==> flow/design.v <==
module mux #(
   parameter DATA_WIDTH = 6
) (
   input  wire aclk,
   input  wire en,
   input  wire [DATA_WIDTH-1:0] bus0,
   input  wire [DATA_WIDTH-1:0] bus1,
   input  wire [DATA_WIDTH-1:0] bus2,
   input  wire [DATA_WIDTH-1:0] bus3,
   input  wire [DATA_WIDTH-1:0] bus4,
   input  wire [DATA_WIDTH-1:0] bus5,
   input  wire [DATA_WIDTH-1:0] bus6,
   input  wire [DATA_WIDTH-1:0] bus7,
   input  wire [DATA_WIDTH-1:0] bus8,
   input  wire [DATA_WIDTH-1:0] bus9,
   input  wire [DATA_WIDTH-1:0] bus10,
   input  wire [DATA_WIDTH-1:0] bus11,
   input  wire [DATA_WIDTH-1:0] bus12,
   input  wire [DATA_WIDTH-1:0] bus13,
   input  wire [DATA_WIDTH-1:0] bus14,
   input  wire [DATA_WIDTH-1:0] bus15,
   input  wire [3:0] choose,
   output reg [DATA_WIDTH-1:0] data_out
);
   reg [DATA_WIDTH-1:0] bus0_s;
   reg [DATA_WIDTH-1:0] bus1_s;
   reg [DATA_WIDTH-1:0] bus2_s;
   reg [DATA_WIDTH-1:0] bus3_s;
   reg [DATA_WIDTH-1:0] bus4_s;
   reg [DATA_WIDTH-1:0] bus5_s;
   reg [DATA_WIDTH-1:0] bus6_s;
   reg [DATA_WIDTH-1:0] bus7_s;
   reg [DATA_WIDTH-1:0] bus8_s;
   reg [DATA_WIDTH-1:0] bus9_s;
   reg [DATA_WIDTH-1:0] bus10_s;
   reg [DATA_WIDTH-1:0] bus11_s;
   reg [DATA_WIDTH-1:0] bus12_s;
   reg [DATA_WIDTH-1:0] bus13_s;
   reg [DATA_WIDTH-1:0] bus14_s;
   reg [DATA_WIDTH-1:0] bus15_s;
   reg [3:0] choose_s;
   always @(posedge aclk) begin
      if (en) begin
         bus0_s <= bus0;
         bus1_s <= bus1;
         bus2_s <= bus2;
         bus3_s <= bus3;
         bus4_s <= bus4;
         bus5_s <= bus5;
         bus6_s <= bus6;
         bus7_s <= bus7;
         bus8_s <= bus8;
         bus9_s <= bus9;
         bus10_s <= bus10;
         bus11_s <= bus11;
         bus12_s <= bus12;
         bus13_s <= bus13;
         bus14_s <= bus14;
         bus15_s <= bus15;
         choose_s <= choose;
      end
   end
   reg [DATA_WIDTH-1:0] nxt;
   always @(*) begin
      if (choose_s == 0) nxt = bus0_s;
      else if (choose_s == 1) nxt = bus1_s;
      else if (choose_s == 2) nxt = bus2_s;
      else if (choose_s == 3) nxt = bus3_s;
      else if (choose_s == 4) nxt = bus4_s;
      else if (choose_s == 5) nxt = bus5_s;
      else if (choose_s == 6) nxt = bus6_s;
      else if (choose_s == 7) nxt = bus7_s;
      else if (choose_s == 8) nxt = bus8_s;
      else if (choose_s == 9) nxt = bus9_s;
      else if (choose_s == 10) nxt = bus10_s;
      else if (choose_s == 11) nxt = bus11_s;
      else if (choose_s == 12) nxt = bus12_s;
      else if (choose_s == 13) nxt = bus13_s;
      else if (choose_s == 14) nxt = bus14_s;
      else nxt = bus15_s;
   end
   always @(posedge aclk) begin
      if (en) begin
         data_out <= nxt;
      end
   end
endmodule
# Reports on mux
# A sweep over "DATA_WIDTH": the same steps for each member of the family.
# The file above is the member DATA_WIDTH = 6. Line numbers count from 1 in each member's own file.
# Library cell names are shortened.
# The mark -- stands for no value.
[inputs] top_module="mux" clock="aclk" lib="sky130hd" corner="tt_025C_1v80"

# Source of the members
# Lines of each other member's file that are new or changed against the file above; lines that a member lacks are not shown.
[changed_lines] DATA_WIDTH=8 line=2 rtl="parameter DATA_WIDTH = 8"
[changed_lines] DATA_WIDTH=20 line=2 rtl="parameter DATA_WIDTH = 20"
[changed_lines] DATA_WIDTH=48 line=2 rtl="parameter DATA_WIDTH = 48"
[changed_lines] DATA_WIDTH=64 line=2 rtl="parameter DATA_WIDTH = 64"

# Word-level counts
# Yosys after proc, flatten, opt, wreduce and memory -nomap, before mapping. Enables and synchronous resets that opt folds into registers are not counted as muxes. Memory bits, and registers merged into a memory's read port (data or address), are not among the register bits. Print and check cells are not counted. Equal cells are merged and count once.
[bits] DATA_WIDTH=6 register_bits=106 in_bits=102 output_inout_bits=6 elab_cells=48
[bits] DATA_WIDTH=8 register_bits=140 in_bits=134 output_inout_bits=8 elab_cells=48
[bits] DATA_WIDTH=20 register_bits=344 in_bits=326 output_inout_bits=20 elab_cells=48
[bits] DATA_WIDTH=48 register_bits=820 in_bits=774 output_inout_bits=48 elab_cells=48
[bits] DATA_WIDTH=64 register_bits=1092 in_bits=1030 output_inout_bits=64 elab_cells=48
[op_classes] DATA_WIDTH=6 equal=14 muxes=15 reduce_logical=1
[op_classes] DATA_WIDTH=8 equal=14 muxes=15 reduce_logical=1
[op_classes] DATA_WIDTH=20 equal=14 muxes=15 reduce_logical=1
[op_classes] DATA_WIDTH=48 equal=14 muxes=15 reduce_logical=1
[op_classes] DATA_WIDTH=64 equal=14 muxes=15 reduce_logical=1
[op_table] DATA_WIDTH=6 op_list="15 x 6-bit two-way mux; 7 x 4-bit equality test with constant B; 4 x 4-bit by 3-bit equality test with 1-bit output with constant B; 2 x 4-bit by 2-bit equality test with 1-bit output with constant B; 1 x 4-bit by 1-bit equality test with 1-bit output with constant B; 1 x 4-bit logical NOT"
[op_table] DATA_WIDTH=8 op_list="15 x 8-bit two-way mux; 7 x 4-bit equality test with constant B; 4 x 4-bit by 3-bit equality test with 1-bit output with constant B; 2 x 4-bit by 2-bit equality test with 1-bit output with constant B; 1 x 4-bit by 1-bit equality test with 1-bit output with constant B; 1 x 4-bit logical NOT"
[op_table] DATA_WIDTH=20 op_list="15 x 20-bit two-way mux; 7 x 4-bit equality test with constant B; 4 x 4-bit by 3-bit equality test with 1-bit output with constant B; 2 x 4-bit by 2-bit equality test with 1-bit output with constant B; 1 x 4-bit by 1-bit equality test with 1-bit output with constant B; 1 x 4-bit logical NOT"
[op_table] DATA_WIDTH=48 op_list="15 x 48-bit two-way mux; 7 x 4-bit equality test with constant B; 4 x 4-bit by 3-bit equality test with 1-bit output with constant B; 2 x 4-bit by 2-bit equality test with 1-bit output with constant B; 1 x 4-bit by 1-bit equality test with 1-bit output with constant B; 1 x 4-bit logical NOT"
[op_table] DATA_WIDTH=64 op_list="15 x 64-bit two-way mux; 7 x 4-bit equality test with constant B; 4 x 4-bit by 3-bit equality test with 1-bit output with constant B; 2 x 4-bit by 2-bit equality test with 1-bit output with constant B; 1 x 4-bit by 1-bit equality test with 1-bit output with constant B; 1 x 4-bit logical NOT"

# Logic depth
# Longest topological path by Yosys (ltp), each cell counted once; first at word level (registers and memories cut), then after technology mapping (sequential cells cut; the memories' decode and read muxes count).
[logic_depth] DATA_WIDTH=6 word_depth=16 abc_area=0 mapped_depth=8 ltp_nobuf=5
[logic_depth] DATA_WIDTH=8 word_depth=16 abc_area=0 mapped_depth=7 ltp_nobuf=5
[logic_depth] DATA_WIDTH=20 word_depth=16 abc_area=0 mapped_depth=9 ltp_nobuf=5
[logic_depth] DATA_WIDTH=48 word_depth=16 abc_area=0 mapped_depth=9 ltp_nobuf=5
[logic_depth] DATA_WIDTH=64 word_depth=16 abc_area=0 mapped_depth=10 ltp_nobuf=5

# After synthesis
# Source: synth_stat.txt of the flow (Yosys; design flattened, memories mapped). It holds for the ABC_AREA given above (unset counts as 0); a run with the other value may have another netlist.
[types] DATA_WIDTH=6 type_list="106 x edfxtp_1; 6 x mux4_2; 13 x mux2i_1; 20 x a21oi_1; 7 x buf_6; 13 x nor2_1; 4 x mux2_2; 10 x nand2_1; 4 x o32ai_1; 5 x nand2b_1; 4 x a21o_1; 6 x buf_2; 4 x buf_4; 6 x o21ai_0; 1 x mux4_1; 3 x o221ai_1; 2 x a211oi_2; 4 x nand4_1; [+60]"
[types] DATA_WIDTH=8 type_list="140 x edfxtp_1; 7 x mux4_2; 30 x a21oi_1; 18 x o22ai_1; 21 x o21ai_0; 9 x mux2i_1; 12 x nor2b_1; 9 x a22oi_1; 6 x buf_6; 18 x nand2_1; 17 x nor2_1; 7 x a211oi_1; 7 x buf_4; 7 x buf_2; 7 x nand3_1; 3 x mux2_2; 5 x nand2b_1; 2 x a2111oi_2; [+65]"
[types] DATA_WIDTH=20 type_list="344 x edfxtp_1; 15 x mux4_2; 67 x a21oi_1; 29 x mux2i_1; 51 x o21ai_0; 39 x o22ai_1; 17 x mux2_2; 45 x nand2_1; 42 x nor2_1; 13 x buf_6; 29 x buf_2; 13 x o32ai_1; 15 x a22oi_1; 15 x buf_4; 12 x o211ai_1; 14 x nand2b_1; 16 x nor3_1; 9 x o22a_1; [+154]"
[types] DATA_WIDTH=48 type_list="820 x edfxtp_1; 174 x a21oi_1; 125 x o21ai_0; 62 x mux2i_1; 139 x nor2_1; 93 x buf_2; 49 x o221ai_1; 38 x mux2_2; 55 x a22oi_1; 65 x o22ai_1; 93 x nand2_1; 33 x o32ai_1; 41 x nor2b_1; 54 x clkbuf_1; 23 x a2bb2oi_1; 20 x o2bb2ai_1; 23 x buf_4; 7 x mux4_2; [+402]"
[types] DATA_WIDTH=64 type_list="1092 x edfxtp_1; 41 x mux4_2; 178 x a21oi_1; 88 x mux2i_1; 124 x o22ai_1; 129 x o21ai_0; 162 x nand2_1; 134 x nor2_1; 43 x mux2_2; 86 x buf_2; 47 x a221oi_1; 47 x buf_4; 36 x o221ai_1; 41 x a22oi_1; 78 x clkbuf_1; 38 x a211oi_1; 31 x o22a_1; 53 x nor3_1; [+490]"
# A list marked [+n] leaves out that many cells.
[synth_totals] DATA_WIDTH=6 cell_count=278 mapped_area_um2=4478.0 seq_area_um2=3183.1 ffs=106 n_buf=20
[synth_totals] DATA_WIDTH=8 cell_count=390 mapped_area_um2=5906.9 seq_area_um2=4204.0 ffs=140 n_buf=25
[synth_totals] DATA_WIDTH=20 cell_count=939 mapped_area_um2=14427.6 seq_area_um2=10329.9 ffs=344 n_buf=70
[synth_totals] DATA_WIDTH=48 cell_count=2316 mapped_area_um2=34135.2 seq_area_um2=24623.6 ffs=820 n_buf=187
[synth_totals] DATA_WIDTH=64 cell_count=2938 mapped_area_um2=45044.5 seq_area_um2=32791.4 ffs=1092 n_buf=226

# Worst setup path after synthesis
# Path of least setup slack by OpenSTA after synthesis, without wires, with an ideal clock, recovery checks aside; 20% of the period is set as input and as output delay. Where synthesis merged equal registers, the netlist keeps one of their names.
[synth_timing] DATA_WIDTH=6 path_kind="register to register" startpoint="reg (no name shown)" endpoint="reg data_out[0]" period_ns=2.1 slack_ns=0.416 driving_pins=7 path_delay_ns=1.683 synth_period_reached_ns=1.684
[synth_timing] DATA_WIDTH=8 path_kind="register to register" startpoint="reg (no name shown)" endpoint="reg data_out[5]" period_ns=2.11 slack_ns=0.420 driving_pins=6 path_delay_ns=1.691 synth_period_reached_ns=1.69
[synth_timing] DATA_WIDTH=20 path_kind="register to register" startpoint="reg (no name shown)" endpoint="reg data_out[16]" period_ns=2.28 slack_ns=0.458 driving_pins=8 path_delay_ns=1.822 synth_period_reached_ns=1.822
[synth_timing] DATA_WIDTH=48 path_kind="register to register" startpoint="reg (no name shown)" endpoint="reg data_out[38]" period_ns=2.46 slack_ns=0.490 driving_pins=9 path_delay_ns=1.970 synth_period_reached_ns=1.97
[synth_timing] DATA_WIDTH=64 path_kind="register to register" startpoint="reg (no name shown)" endpoint="reg data_out[63]" period_ns=2.46 slack_ns=0.496 driving_pins=8 path_delay_ns=1.964 synth_period_reached_ns=1.964
# "path_delay_ns" = arrival - input delay + setup time.
# "driving_pins": output pins that drive a net of the path, with the launching flip-flop's if there is one; two outputs of one cell count as two.
# "synth_period_reached_ns" is the clock period less the worst setup slack; recovery checks do not enter. This is arithmetic on one report: input and output delays are still those of the set period (20% each).
# Between the ends stands the longest chain of elaborated cells between them, by number of cells; it is not shown to be the way that was timed. Of several equally long chains one is given.
# Each line given opens the expression or statement behind the cell; cells for indexed reads and writes are added by Yosys, which also makes memories of some case tables.
[synth_between_DATA_WIDTH_6] elab_chain_cells=16
[synth_lines_DATA_WIDTH_6] element="start, declared" line=41
[synth_lines_DATA_WIDTH_6] element="start, assigned" line=60
[synth_lines_DATA_WIDTH_6] element="4-bit equality test" line=79
[synth_lines_DATA_WIDTH_6] element="6-bit two-way mux" line=79
[synth_lines_DATA_WIDTH_6] element="6-bit two-way mux" line=78
[synth_lines_DATA_WIDTH_6] element="6-bit two-way mux" line=77
[synth_lines_DATA_WIDTH_6] element="6-bit two-way mux" line=76
[synth_lines_DATA_WIDTH_6] element="6-bit two-way mux" line=75
[synth_lines_DATA_WIDTH_6] element="6-bit two-way mux" line=74
[synth_lines_DATA_WIDTH_6] element="[... 2 more ...]"
[synth_lines_DATA_WIDTH_6] element="6-bit two-way mux" line=71
[synth_lines_DATA_WIDTH_6] element="6-bit two-way mux" line=70
[synth_lines_DATA_WIDTH_6] element="6-bit two-way mux" line=69
[synth_lines_DATA_WIDTH_6] element="6-bit two-way mux" line=68
[synth_lines_DATA_WIDTH_6] element="6-bit two-way mux" line=67
[synth_lines_DATA_WIDTH_6] element="6-bit two-way mux" line=66
[synth_lines_DATA_WIDTH_6] element="6-bit two-way mux" line=65
[synth_lines_DATA_WIDTH_6] element="end, assigned" line=84 rtl="data_out <= nxt;"
[synth_lines_DATA_WIDTH_6] element="end, declared" line=23 rtl="output reg [DATA_WIDTH-1:0] data_out"
[synth_between_DATA_WIDTH_64] elab_chain_cells=16
[synth_lines_DATA_WIDTH_64] element="start, declared" line=41
[synth_lines_DATA_WIDTH_64] element="start, assigned" line=60
[synth_lines_DATA_WIDTH_64] element="4-bit equality test" line=79
[synth_lines_DATA_WIDTH_64] element="64-bit two-way mux" line=79
[synth_lines_DATA_WIDTH_64] element="64-bit two-way mux" line=78
[synth_lines_DATA_WIDTH_64] element="64-bit two-way mux" line=77
[synth_lines_DATA_WIDTH_64] element="64-bit two-way mux" line=76
[synth_lines_DATA_WIDTH_64] element="64-bit two-way mux" line=75
[synth_lines_DATA_WIDTH_64] element="64-bit two-way mux" line=74
[synth_lines_DATA_WIDTH_64] element="[... 2 more ...]"
[synth_lines_DATA_WIDTH_64] element="64-bit two-way mux" line=71
[synth_lines_DATA_WIDTH_64] element="64-bit two-way mux" line=70
[synth_lines_DATA_WIDTH_64] element="64-bit two-way mux" line=69
[synth_lines_DATA_WIDTH_64] element="64-bit two-way mux" line=68
[synth_lines_DATA_WIDTH_64] element="64-bit two-way mux" line=67
[synth_lines_DATA_WIDTH_64] element="64-bit two-way mux" line=66
[synth_lines_DATA_WIDTH_64] element="64-bit two-way mux" line=65
[synth_lines_DATA_WIDTH_64] element="end, assigned" line=84 rtl="data_out <= nxt;"
[synth_lines_DATA_WIDTH_64] element="end, declared" line=23 rtl="output reg [DATA_WIDTH-1:0] data_out"

# Timing after layout
# Path of least setup slack in the final report of the run of each member (OpenROAD, finished layout, wires in). Where an end is a register, its clock arrival counts in the times.
[layout_timing] DATA_WIDTH=6 path_kind="register to register" startpoint="reg (no name shown)" endpoint="reg data_out[3]" period_ns=2.1 slack_ns=0.12 driving_pins=5 t_arrival_ns=2.10 path_buffers=0
[layout_timing] DATA_WIDTH=8 path_kind="register to register" startpoint="reg (no name shown)" endpoint="reg data_out[0]" period_ns=2.11 slack_ns=0.15 driving_pins=8 t_arrival_ns=2.11 path_buffers=2
[layout_timing] DATA_WIDTH=20 path_kind="register to register" startpoint="reg (no name shown)" endpoint="reg data_out[7]" period_ns=2.28 slack_ns=0.06 driving_pins=8 t_arrival_ns=2.48 path_buffers=2
[layout_timing] DATA_WIDTH=48 path_kind="register to register" startpoint="reg (no name shown)" endpoint="reg data_out[16]" period_ns=2.46 slack_ns=-0.01 driving_pins=8 t_arrival_ns=2.82 path_buffers=3
[layout_timing] DATA_WIDTH=64 path_kind="register to register" startpoint="reg (no name shown)" endpoint="reg data_out[46]" period_ns=2.46 slack_ns=0.03 driving_pins=6 t_arrival_ns=2.88 path_buffers=2

# Layout results
# Settings and results of one run of the flow (Yosys, OpenROAD) for each member follow. The constraints put input and output delay at 20% of the set period each and load the outputs with 0.01 pF.
[flow_settings] CAP_MARGIN=20 CORE_MARGIN=2 CORE_UTILIZATION=40 SLEW_MARGIN=20
[settings_by_member] DATA_WIDTH=6 period_ns=2.1
[settings_by_member] DATA_WIDTH=8 period_ns=2.11
[settings_by_member] DATA_WIDTH=20 period_ns=2.28
[settings_by_member] DATA_WIDTH=48 period_ns=2.46
[settings_by_member] DATA_WIDTH=64 period_ns=2.46
[measured] DATA_WIDTH=6 post_synth_area_um2=4478.0 total_die_area_um2=12057.1 final_cell_area_um2=5890.6 fin_util_pct=54.1 setup_ws_ns=0.120 tns_setup_ns=0.000 timing.hold.ws_ns=0.587 power_total_w=0.004446 period_reached_ns=1.980
[measured] DATA_WIDTH=8 post_synth_area_um2=5906.9 total_die_area_um2=15755.3 final_cell_area_um2=8261.7 fin_util_pct=57.1 setup_ws_ns=0.149 tns_setup_ns=0.000 timing.hold.ws_ns=0.400 power_total_w=0.007651 period_reached_ns=1.961
[measured] DATA_WIDTH=20 post_synth_area_um2=14427.6 total_die_area_um2=37605.0 final_cell_area_um2=20105.5 fin_util_pct=56.5 setup_ws_ns=0.061 tns_setup_ns=0.000 timing.hold.ws_ns=0.296 power_total_w=0.016604 period_reached_ns=2.219
[measured] DATA_WIDTH=48 post_synth_area_um2=34135.2 total_die_area_um2=87690.0 final_cell_area_um2=48152.4 fin_util_pct=56.7 setup_ws_ns=-0.006 tns_setup_ns=-0.006 timing.hold.ws_ns=0.262 power_total_w=0.036489 period_reached_ns=2.466
[measured] DATA_WIDTH=64 post_synth_area_um2=45044.5 total_die_area_um2=115311.0 final_cell_area_um2=63492.1 fin_util_pct=56.7 setup_ws_ns=0.035 tns_setup_ns=0.000 timing.hold.ws_ns=0.132 power_total_w=0.0477 period_reached_ns=2.425
# By "period_reached_ns" is meant the clock period of the run minus its worst setup slack. This is arithmetic on one report: input and output delays are still those of the set period (20% each).
# By "power_total_w" is meant OpenSTA's value without simulated activity: inputs other than the clock are taken to toggle once in ten clock periods, and the tool carries that through the logic.
